==> flow/design.v <==
module alu_scratch_rtl #(
  parameter int WORDS = 40,
  parameter int NBITS = 16,
  parameter int RPORTS = 8,
  parameter int AW = $clog2(WORDS)
) (
  input  logic CLK,
  input  logic rstn,
  input  logic i_wr,
  input  logic [AW-1:0] i_write_addr,
  input  logic [NBITS-1:0] i_wd,
  input  logic [RPORTS*AW-1:0] i_ra,
  output logic [RPORTS*NBITS-1:0] o_q
);
  logic [NBITS-1:0] store [0:WORDS-1];
  always_ff @(posedge CLK) begin
    if (i_wr)
      store[i_write_addr] <= i_wd;
  end
  logic [RPORTS*NBITS-1:0] t;
  generate
    for (genvar j = 0; j < RPORTS; j++) begin : gen
      assign t[j*NBITS +: NBITS] = store[i_ra[j*AW +: AW]];
    end
  endgenerate
  always_ff @(posedge CLK or negedge rstn) begin
    if (~rstn) begin
      o_q <= 0;
    end else begin
      o_q <= t;
    end
  end
endmodule
======== Step by step through the tools: alu_scratch_rtl ========
What the tools print for alu_scratch_rtl, step after step.
Lines are those of the file above, counted from 1.
Operators: Yosys type, input widths -> output width; for muxes data width and select width s.
Cell names lack the library's common part.
A cell with - has no value.
design
  top ..................................... alu_scratch_rtl
  clock ................................... CLK
  standard-cell library ................... sky130hd
  corner .................................. tt_025C_1v80

======== Elaborated design ========
Yosys after proc, flatten, opt, wreduce and memory -nomap, before mapping. Enables and synchronous resets that opt folds into registers are not counted as muxes. Memory bits, and registers merged into a memory's read port (data or address), are not among the register bits. Print and check cells are not counted.
Yosys's memory passes give these memory sizes; they may raise the number of words (mostly to a power of two), join words into wider ones and drop unused or constant bits.
bit counts
  bits in registers ....................... 0
  latch bits .............................. 0
  bits in writable memories ............... 640
  ROM bits ................................ 0
  word width x clocked read ports ......... 128
  memories kept ........................... 1
  bits of input ports ..................... 73
  output and inout port bits .............. 128
  elaborated cells ........................ 12
memory list
  name   depth  bits a word  rd ports  write ports  RTL line  text
  store  40     16           8         1            15        logic [NBITS-1:0] store [0:WORDS-1];
operators by class
  $add $sub $neg .......................... 0
  multipliers ............................. 0
  divide/modulo/power cells ............... 0
  order comparisons ....................... 0
  equality and inequality tests ........... 0
  shift operators ......................... 0
  muxes and demuxes ....................... 3
  bitwise logic cells ..................... 0
  reduce/logical cells .................... 8
operators by type and width
  operator         number
  $mux 16          1
  $logic_not 1->1  8
  $mux 6           1
  $mux 1           1

======== Logic depth ========
Yosys ltp: most cells in a row. Word level: on the elaborated netlist, between registers, memories and ports. Mapped: between sequential cells and ports; inverters and the memories' decode and read muxes count.
logic depth
  depth in word-level cells ............... 1
  ABC_AREA ................................ 0
  gate-level depth with buffers ........... 8
  depth with buffers taken out ............ 5

======== Mapped cells and area ========
Yosys stat after the flow's synthesis: flattened, memories mapped to cells. It holds for the ABC_AREA given above (unset counts as 0); a run with the other value may have another netlist.
The area totals of this step are shown rounded.
cell types
  cell type  number
  mux2i_1    2048
  edfxtp_1   640
  mux4_2     256
  a22oi_1    512
  dfrtp_1    128
  a22o_1     256
  o41ai_2    128
  a221oi_1   198
  buf_6      151
  clkbuf_1   390
  mux2_2     128
  a21oi_1    256
  buf_1      340
  buf_4      142
  a221oi_2   58
  o22ai_1    128
  nand2_1    140
  buf_2      88
Not listed: further types 16, cells in them 121.
mapped netlist
  cell count .............................. 6108
  cell area after synthesis ............... 70100 sq um
  flip-flops .............................. 768

======== Worst setup path after synthesis ========
Source: OpenSTA report_checks on the synthesized netlist (no wires, ideal clock, input and output delay 20% of the period each), path of least setup slack; recovery checks are left aside. Register names are those of the netlist, which keeps one name where synthesis merged equal registers.
timing path post-synthesis
  path type ............................... input to register
  start ................................... input port i_write_addr[2]
  end ..................................... memory store[1][0]
  period .................................. 2.84 ns
  external input delay .................... 0.568 ns
  time at the first pin ................... 0.568 ns
  arrival time ............................ 1.999 ns
  slack ................................... 0.452 ns
  delay of the path ....................... 1.820 ns
  stages .................................. 3
  buffers on the path ..................... 1
  synthesis period reached ................ 2.388 ns
"delay of the path" = arrival - input delay + setup time.
"stages": output pins that drive a net of the path, with the launching flip-flop's if there is one; two outputs of one cell count as two.
"synthesis period reached" is the clock period less the worst setup slack; recovery checks do not enter. This is arithmetic on one report: input and output delays are still those of the set period (20% each).
Between the ends stands the longest chain of elaborated cells between them, by number of cells; it is not shown to be the way that was timed. Of several equally long chains one is given.
Each line given opens the expression or statement behind the cell; cells for indexed reads and writes are added by Yosys, which also makes memories of some case tables.
on the way, post-synthesis
  cell sequence ........................... clkbuf_1 > or3b_2 > nor2_1
  length of the longest elaborated chain .. 1
  elaborated cells between the ends (all ways) .. 1
  source lines of those cells ............. 1
RTL lines, path post-synthesis
  item             RTL line  text
  start, declared  10        input  logic [AW-1:0] i_write_addr,
  $mux 6           17        if (i_wr)
  end, declared    15        logic [NBITS-1:0] store [0:WORDS-1];

======== Path in the finished layout ========
Path of least setup slack in the final report of entry A (OpenROAD, finished layout, wires in). Where an end is a register, its clock arrival counts in the times.
timing path after layout
  path type ............................... register to output
  start ................................... register o_q[64]
  end ..................................... output port o_q[64]
  period .................................. 2.84 ns
  output delay ............................ 0.57 ns
  time at the first pin ................... 0.77 ns
  arrival time ............................ 2.30 ns
  slack ................................... -0.02 ns
  stages .................................. 2
  buffers on the path ..................... 1
on the way, after layout
  cell sequence ........................... dfrtp_1 > clkdlybuf4s50_1
  length of the longest elaborated chain .. 0
  elaborated cells between the ends (all ways) .. 0
  source lines of those cells ............. 0
RTL lines, path after layout
  item             RTL line  text
  start, declared  13        output logic [RPORTS*NBITS-1:0] o_q
  end, declared    13

Module alu_scratch_rtl, platform sky130hd: 2 stored runs of the flow (Yosys, OpenROAD) with differing settings, in no particular order. Input and output delays are each 20% of the period that was set; the output load is 0.01 pF.
"time of the worst setup path" means the part of the period allowed to the worst setup path (the constraints hold back 20% at inputs and 20% at outputs) less its slack; where the path has registers, the arrival times of their clocks count too.
Results are given in rounded form.

---- entry A ----
settings
  period_ns = 2.84
  CAP_MARGIN = 20
  CORE_MARGIN = 2
  CORE_UTILIZATION = 40
  SLEW_MARGIN = 20
results
  time of the worst setup path ............ 2.30 ns
  worst setup path type ................... register to output
  post-synthesis cell area ................ 70100 sq um
  area inside the die boundary ............ 179000 sq um
  setup slack of the worst path ........... -0.024 ns
  summed negative setup slack ............. -0.024 ns
  area of the standard cells in the finished layout .. 81200 sq um

---- entry B ----
settings
  period_ns = 4.07
  CORE_UTILIZATION = 40
  PLACE_DENSITY_LB_ADDON = 0.23
  HOLD_SLACK_MARGIN = 0.15
  TNS_END_PERCENT = 20
  GPL_ROUTABILITY_DRIVEN = 0
  CTS_CLUSTER_DIAMETER = 313
  SLEW_MARGIN = 15
  MAX_ROUTING_LAYER = met4
  CAP_MARGIN = 20
  CORE_MARGIN = 2
results
  time of the worst setup path ............ 2.29 ns
  worst setup path type ................... register to output
  post-synthesis cell area ................ 70100 sq um
  area inside the die boundary ............ 179000 sq um
  setup slack of the worst path ........... 0.965 ns
  summed negative setup slack ............. 0.000 ns
  area of the standard cells in the finished layout .. 77900 sq um
